==> flow/design.v <==
module alu_storage_mod (clk, in_wen, in_waddr, in_din, in_ra, out_q);
  parameter WORDS = 10;
  parameter DWIDTH = 64;
  parameter NUM_RD = 6;
  localparam AW = $clog2(WORDS);
  input clk;
  input in_wen;
  input [AW-1:0] in_waddr;
  input [DWIDTH-1:0] in_din;
  input [NUM_RD*AW-1:0] in_ra;
  output [NUM_RD*DWIDTH-1:0] out_q;
  reg wen_r;
  reg [AW-1:0] waddr_r;
  reg [DWIDTH-1:0] din_r;
  always @(posedge clk) begin
    wen_r <= in_wen;
    waddr_r <= in_waddr;
    din_r <= in_din;
  end
  reg [DWIDTH-1:0] bank [WORDS-1:0];
  always @(posedge clk) begin
    if (wen_r)
      bank[waddr_r] <= din_r;
  end
  reg [NUM_RD*AW-1:0] ra_r;
  always @(posedge clk) begin
    ra_r <= in_ra;
  end
  wire [NUM_RD*DWIDTH-1:0] nxt;
  genvar m;
  generate
    for (m = 0; m < NUM_RD; m = m + 1) begin : lane
      assign nxt[m*DWIDTH +: DWIDTH] = bank[ra_r[m*AW +: AW]];
    end
  endgenerate
  assign out_q = nxt;
endmodule
* Reports on alu_storage_mod *
Tool output for the design above, in the order of the flow.
Lines are those of the file above, counted from 1.
Not given: --

inputs
  top = alu_storage_mod
  clock port = clk
  library = sky130hd
  corner = tt_025C_1v80

* Word-level counts *
Source: Yosys, flattened and elaborated, memories not mapped. Widths are those after wreduce; folded enables and synchronous resets count as part of the registers. Registers that Yosys merges into a memory's read port (data or address) are not register bits. Print and check cells do not count. Equal cells are merged and count once.
Memory sizes are those after Yosys's memory passes, which may raise the word count (mostly to a power of two), join words into wider ones and drop unused or constant bits.

storage and ports
  register bits after elaboration = 69
  bits in writable memories = 640
  word width x clocked read ports = 384
  memories = 1
  input bits = 94
  output and inout port bits = 384

memory list
  name  words  width  rd ports  wr ports  line  text
  bank  10     64     6         1         20    reg [DWIDTH-1:0] bank [WORDS-1:0];

operators by class
  muxes and demuxes = 3

operators with widths
  operator            number
  64-bit two-way mux  1
  4-bit two-way mux   1
  1-bit two-way mux   1

* Longest topological paths *
Longest topological path by Yosys (ltp), each cell counted once; first at word level (registers and memories cut), then after technology mapping (sequential cells cut; the memories' decode and read muxes count).

depth
  word-level depth = 1
  ABC_AREA = 0
  depth in mapped cells = 6
  mapped depth without buffers = 3

* After synthesis *
Yosys stat after the flow's synthesis: flattened, memories mapped to cells. It holds for the ABC_AREA given above (unset counts as 0); a run with the other value may have another netlist.
The area totals of this step are shown rounded.

cells by type
  cell type                  number  area in all (µm²)
  sky130_fd_sc_hd__edfxtp_1  640     1.92E+04
  sky130_fd_sc_hd__mux2_2    1152    1.3E+04
  sky130_fd_sc_hd__mux2i_1   768     7.69E+03
  sky130_fd_sc_hd__o31ai_2   384     4.8E+03
  sky130_fd_sc_hd__a22o_1    384     3.36E+03
  sky130_fd_sc_hd__o22ai_1   384     2.4E+03
  sky130_fd_sc_hd__dfxtp_1   93      1.86E+03
  sky130_fd_sc_hd__nand2_1   391     1.47E+03
  sky130_fd_sc_hd__clkbuf_1  193     724.445
  sky130_fd_sc_hd__buf_12    36      720.691
  sky130_fd_sc_hd__buf_4     90      675.648
  sky130_fd_sc_hd__buf_2     60      300.288
  sky130_fd_sc_hd__buf_6     26      292.781
  sky130_fd_sc_hd__buf_8     16      240.23
  sky130_fd_sc_hd__buf_1     35      131.376
  sky130_fd_sc_hd__nand2b_1  8       50.048
  sky130_fd_sc_hd__nor2_1    13      48.797
  sky130_fd_sc_hd__nor2b_1   6       37.536

Other cell types: 3; their cells: 6.

synthesis totals
  standard cells after synthesis = 4685
  mapped area = 57000 µm²
  area of sequential cells = 21100 µm²
  flip-flops = 733
  buffers = 456

* Path before layout *
Source: OpenSTA report_checks on the synthesized netlist (no wires, ideal clock, input and output delay 20% of the period each), path of least setup slack; recovery checks are left aside. Register names are those of the netlist, which keeps one name where synthesis merged equal registers.

path after synthesis
  kind = reg2reg
  from = reg wen_r
  to = mem bank[0][0]
  clock period = 7160 ps
  library setup time = 565 ps
  launch time at the first pin = 0 ps
  arrival time = 5167 ps
  data required time = 6595 ps
  setup slack = 1428 ps
  path delay = 5732 ps
  stages = 3
  buffers on the path = 0
  synthesis period reached = 5732 ps

"path delay" is the arrival time less input delay plus setup time.
"stages": output pins that drive a net of the path, with the launching flip-flop's if there is one; two outputs of one cell count as two.
"synthesis period reached" = period - worst setup slack (recovery checks aside). The figure is calculated, with input and output delays left at 20% of the set period.
The rows between start and end are the longest chain of elaborated cells between them; the timing report does not say that the signal goes this way. Where chains are equally long, one stands for them.
A line is the first line of the expression or statement that the cell stems from. Yosys adds cells for indexed reads and writes and turns some case tables into memories.
Only ways into the end's enable, where the timed path ends, are counted here.

on the way, after synthesis
  cell sequence = sky130_fd_sc_hd__dfxtp_1 -> sky130_fd_sc_hd__or3b_2 -> sky130_fd_sc_hd__nor3_1
  cells in the longest elaborated chain = 1
  elaborated cells on any way between the ends = 2
  source lines of those cells = 1
  those cells by class = mux (2)

RTL lines, path after synthesis
  what               line  text
  from (decl)        12    reg wen_r;
  from (assign)      16    wen_r <= in_wen;
  4-bit two-way mux  22    if (wen_r)
  to (decl)          20    reg [DWIDTH-1:0] bank [WORDS-1:0];

* Path in the finished layout *
From the final timing report of run 1: the path of least setup slack in the routed layout; clock arrival at registers is part of the times.
The path's times are printed in steps of 10 ps; the period is the one set.

path post-layout
  kind = reg2out
  from = reg (no name shown)
  to = out out_q[69]
  clock period = 3850 ps
  external output delay = 770 ps
  launch time at the first pin = 670 ps
  arrival time = 3120 ps
  data required time = 3080 ps
  setup slack = -40 ps
  stages = 6
  buffers on the path = 2

on the way, post-layout
  cell sequence = sky130_fd_sc_hd__dfxtp_1 -> sky130_fd_sc_hd__nand2b_4 -> sky130_fd_sc_hd__buf_12 -> sky130_fd_sc_hd__o22ai_1 -> sky130_fd_sc_hd__o31ai_2 -> sky130_fd_sc_hd__clkdlybuf4s50_1

RTL lines, path post-layout
  what       line  text
  to (decl)  11    output [NUM_RD*DWIDTH-1:0] out_q;

No chain of elaborated cells between the ends is given.

Ticket comment

Stored flow runs of alu_storage_mod (2 of them; Yosys, OpenROAD, sky130hd). They differ in their settings and are not a sequence. Constraints: input delay and output delay 20% of the set period each, output load 0.01 pF.
"period achieved": clock period set for the run, less the worst setup slack. It is reckoned from that one timing run; input and output delays stay at 20% of the period that was set.
By "time of the worst setup path" is meant the share of the clock period that the worst setup path is allowed (20% is reserved at inputs, 20% at outputs), minus its slack. Clock arrival times at its registers enter into it.
"total power of the final layout" rests on the timing tool's default activity at the inputs, not on a simulated workload.
"time of the worst setup path" is known to 10 ps.
Values from the reports are rounded here.
A setting shown as . is not set for that run.

setting or result                             run 1    run 2
period_ns                                     3.85     7.16
CORE_UTILIZATION                              58       40
PLACE_DENSITY_LB_ADDON                        0.18     .
CELL_PAD_IN_SITES_DETAIL_PLACEMENT            0        .
GPL_ROUTABILITY_DRIVEN                        1        .
CTS_CLUSTER_SIZE                              51       .
CAP_MARGIN                                    20       20
CORE_MARGIN                                   2        2
SLEW_MARGIN                                   20       20
netlist area reported by Yosys (µm²)          57000    57000
die footprint (µm²)                           101000   146000
standard-cell area of the final layout (µm²)  66900    65800
utilization                                   0.683    0.464
lowest setup slack (ps)                       -38      1700
setup total negative slack (ps)               -80      0
worst hold slack (ps)                         517      588
total power of the final layout (mW)          23.0     12.6
period achieved (ps)                          3888     5461
time of the worst setup path (ps)             3120     4030
class of the worst setup path                 reg2out  reg2out
